==> flow/design.v <==
module subtractor_top #(
    parameter int DW = 10
) (
    input logic clk,
    input logic srst,
    input logic ce,
    input logic [DW-1:0] first,
    input logic [DW-1:0] second,
    input logic dir,
    output logic [DW:0] res
);
    logic [DW-1:0] first_reg;
    logic [DW-1:0] second_reg;
    logic dir_reg;
    assign res = dir_reg ? first_reg - second_reg : first_reg + second_reg;
    always_ff @(posedge clk) begin
        if (srst) begin
            first_reg <= '0;
            second_reg <= '0;
            dir_reg <= 1'b0;
        end else if (ce) begin
            first_reg <= first;
            second_reg <= second;
            dir_reg <= dir;
        end
    end
endmodule
Tool chain data of subtractor_top
The steps from the RTL of subtractor_top to its reports follow in flow order.
Lines are those of the file above, counted from 1.
Library cell names are shortened.
{ "setup": {"top_module": "subtractor_top", "clk_port": "clk", "lib": "sky130hd", "pvt_corner": "tt_025C_1v80"} }

After elaboration
Source: Yosys, flattened and elaborated, memories not mapped. Widths are those after wreduce; folded enables and synchronous resets count as part of the registers. Registers that Yosys merges into a memory's read port (data or address) are not register bits. Print and check cells do not count. Equal cells are merged and count once.
{ "bits": {"output_inout_bits": 11, "regBits": 21, "input_bits": 24, "wordCells": 6} }
{ "op_classes": {"muxes": 1, "add_sub_neg": 2} }
{ "op_table": {"columns": ["operator", "count"], "rows": [
  ["adder 10 x 10 -> 11 bit", 1],
  ["subtractor 10 x 10 -> 11 bit", 1],
  ["2-to-1 mux 11 bit", 1]
]} }

Logic depth
Yosys ltp: most cells in a row. Word level: on the elaborated netlist, between registers, memories and ports. Mapped: between sequential cells and ports; inverters and the memories' decode and read muxes count.
{ "depth": {"word_depth": 2, "abc_area": 0, "depth_mapped": 11, "ltp_nobuf": 11} }

Synthesis result
Yosys stat after the flow's synthesis: flattened, memories mapped to cells. It holds for the ABC_AREA given above (unset counts as 0); a run with the other value may have another netlist.
The area totals of this step are shown rounded.
{ "mapped": {"synth_area_um2": 1385, "seq_area_um2": 420.4, "cells": 158, "buffers": 6, "ffs": 21} }
{ "types": {"columns": ["cell", "count", "type_area_um2"], "rows": [
  ["dfxtp_1", 21, 420.403],
  ["mux2i_1", 22, 220.211],
  ["ha_1", 12, 150.144],
  ["nor2_1", 32, 120.115],
  ["xnor2_1", 12, 105.101],
  ["a21oi_1", 8, 40.038],
  ["xor2_1", 4, 35.034],
  ["inv_1", 8, 30.029],
  ["fa_1", 1, 20.019],
  ["o21ai_2", 2, 17.517],
  ["clkbuf_1", 4, 15.014],
  ["nand3_1", 3, 15.014],
  ["nor3_1", 3, 15.014],
  ["o21ai_0", 3, 15.014],
  ["o221ai_2", 1, 15.014],
  ["a211oi_2", 1, 12.512],
  ["a31oi_1", 2, 12.512],
  ["and3_1", 2, 12.512]
]} }
Other cell types: 14; their cells: 17.

Path before layout
OpenSTA on the mapped netlist: ideal clock, no wires. The path of least setup slack (recovery checks aside). Input and output delay are each 20% of the period. Register names are those of the netlist, which keeps one name where synthesis merged equal registers.
{ "synth_path": {"path_type": "reg-to-output", "startpoint": "register second_reg[0]", "endpoint": "output port res[9]", "arrival_ns": 2.166, "out_delay_ns": 0.676, "clock_period_ns": 3.38, "n_path_buf": 0, "required_time_ns": 2.704, "path_delay_ns": 2.166, "t_first_pin_ns": 0.000, "path_stages": 12, "path_slack_ns": 0.538, "period_less_setup_slack_ns": 2.842} }
"path_delay_ns" = arrival - input delay + setup time.
At an output port there is no setup time.
"path_stages" counts driving pins, that of a launching flip-flop among them; a cell with two outputs on the path counts twice.
"period_less_setup_slack_ns" is the clock period less the worst setup slack; recovery checks do not enter. This is arithmetic on one report: input and output delays are still those of the set period (20% each).
The rows between start and end are the longest chain of elaborated cells between them; the timing report does not say that the signal goes this way. Where chains are equally long, one stands for them.
Each line given opens the expression or statement behind the cell; cells for indexed reads and writes are added by Yosys, which also makes memories of some case tables.
{ "synth_via": {"cell_sequence": "dfxtp_1 inv_1 ha_1 a31oi_1 o21bai_1 xnor2_1 ha_1 a21oi_1 o21ai_0 a31oi_1 o21ai_0 xor2_1", "elab_chain_len": 2, "cells_between": 3, "lines_between": 1, "classes_between": "add/sub (2); mux (1)"} }
{ "synth_lines": {"columns": ["item", "line", "source"], "rows": [
  ["start: declaration", 13, "logic [DW-1:0] second_reg;"],
  ["start: assignment", 19, "second_reg <= '0;"],
  ["start: assignment", 23, "second_reg <= second;"],
  ["adder 10 x 10 -> 11 bit", 15, "assign res = dir_reg ? first_reg - second_reg : first_reg + second_reg;"],
  ["2-to-1 mux 11 bit", 15, null],
  ["end: declaration", 10, "output logic [DW:0] res"]
]} }

Timing after layout
From the final timing report of run 2: the path of least setup slack in the routed layout; clock arrival at registers is part of the times.
{ "layout_path": {"path_type": "reg-to-output", "startpoint": "register second_reg[2]", "endpoint": "output port res[10]", "t_first_pin_ns": 0.30, "path_slack_ns": 0.15, "required_time_ns": 2.70, "out_delay_ns": 0.68, "n_path_buf": 1, "path_stages": 12, "clock_period_ns": 3.38, "arrival_ns": 2.55} }
The rows between start and end are the longest chain of elaborated cells between them; the timing report does not say that the signal goes this way. Where chains are equally long, one stands for them.
{ "layout_via": {"cell_sequence": "dfxtp_1 nor3_4 and3_1 a21oi_1 xnor2_1 ha_1 and3_1 nor2_1 nand3_1 o221ai_2 xor2_1 buf_2", "elab_chain_len": 2, "cells_between": 3, "lines_between": 1, "classes_between": "add/sub (2); mux (1)"} }
{ "layout_lines": {"columns": ["item", "line", "source"], "rows": [
  ["start: declaration", 13, "logic [DW-1:0] second_reg;"],
  ["start: assignment", 19, "second_reg <= '0;"],
  ["start: assignment", 23, "second_reg <= second;"],
  ["adder 10 x 10 -> 11 bit", 15, "assign res = dir_reg ? first_reg - second_reg : first_reg + second_reg;"],
  ["2-to-1 mux 11 bit", 15, null],
  ["end: declaration", 10, "output logic [DW:0] res"]
]} }

Hand-over note for subtractor_top

Module subtractor_top, platform sky130hd: 3 stored runs of the flow (Yosys, OpenROAD) with differing settings, in no particular order. Input and output delays are each 20% of the period that was set; the output load is 0.01 pF.
"total power after layout": no workload was simulated; the value follows from the tool's default switching activity.
Results are given in rounded form.

==> run 1: settings <==
{ "period_ns": 4.52, "CORE_UTILIZATION": 58, "SETUP_SLACK_MARGIN": 1.13, "PLACE_DENSITY_LB_ADDON": 0.2, "CORE_MARGIN": 4, "CELL_PAD_IN_SITES_GLOBAL_PLACEMENT": 2, "TNS_END_PERCENT": 20, "GPL_ROUTABILITY_DRIVEN": 0, "SLEW_MARGIN": 5, "CAP_MARGIN": 20 }
==> run 1: results <==
did not finish, placement stopped with FLW-0024

==> run 2: settings <==
{ "period_ns": 3.38, "CAP_MARGIN": 20, "CORE_MARGIN": 2, "CORE_UTILIZATION": 40, "SLEW_MARGIN": 20 }
==> run 2: results <==
area of the synthesized netlist: 1385 µm²
setup slack of the critical path: 0.155 ns
post-route worst hold slack: 0.512 ns
post-route utilization: 56.5%
total die area: 3949 µm²
total power after layout: 0.7999 mW

==> run 3: settings <==
{ "period_ns": 3.21, "CORE_UTILIZATION": 68, "SETUP_SLACK_MARGIN": 0.7, "PLACE_DENSITY_LB_ADDON": 0.18, "CORE_MARGIN": 9, "CELL_PAD_IN_SITES_GLOBAL_PLACEMENT": 2, "GPL_TIMING_DRIVEN": 0, "CTS_CLUSTER_SIZE": 31, "MIN_ROUTING_LAYER": "met1", "MAX_ROUTING_LAYER": "met4", "CAP_MARGIN": 20, "SLEW_MARGIN": 20 }
==> run 3: results <==
did not finish, placement stopped with FLW-0024

End of note.
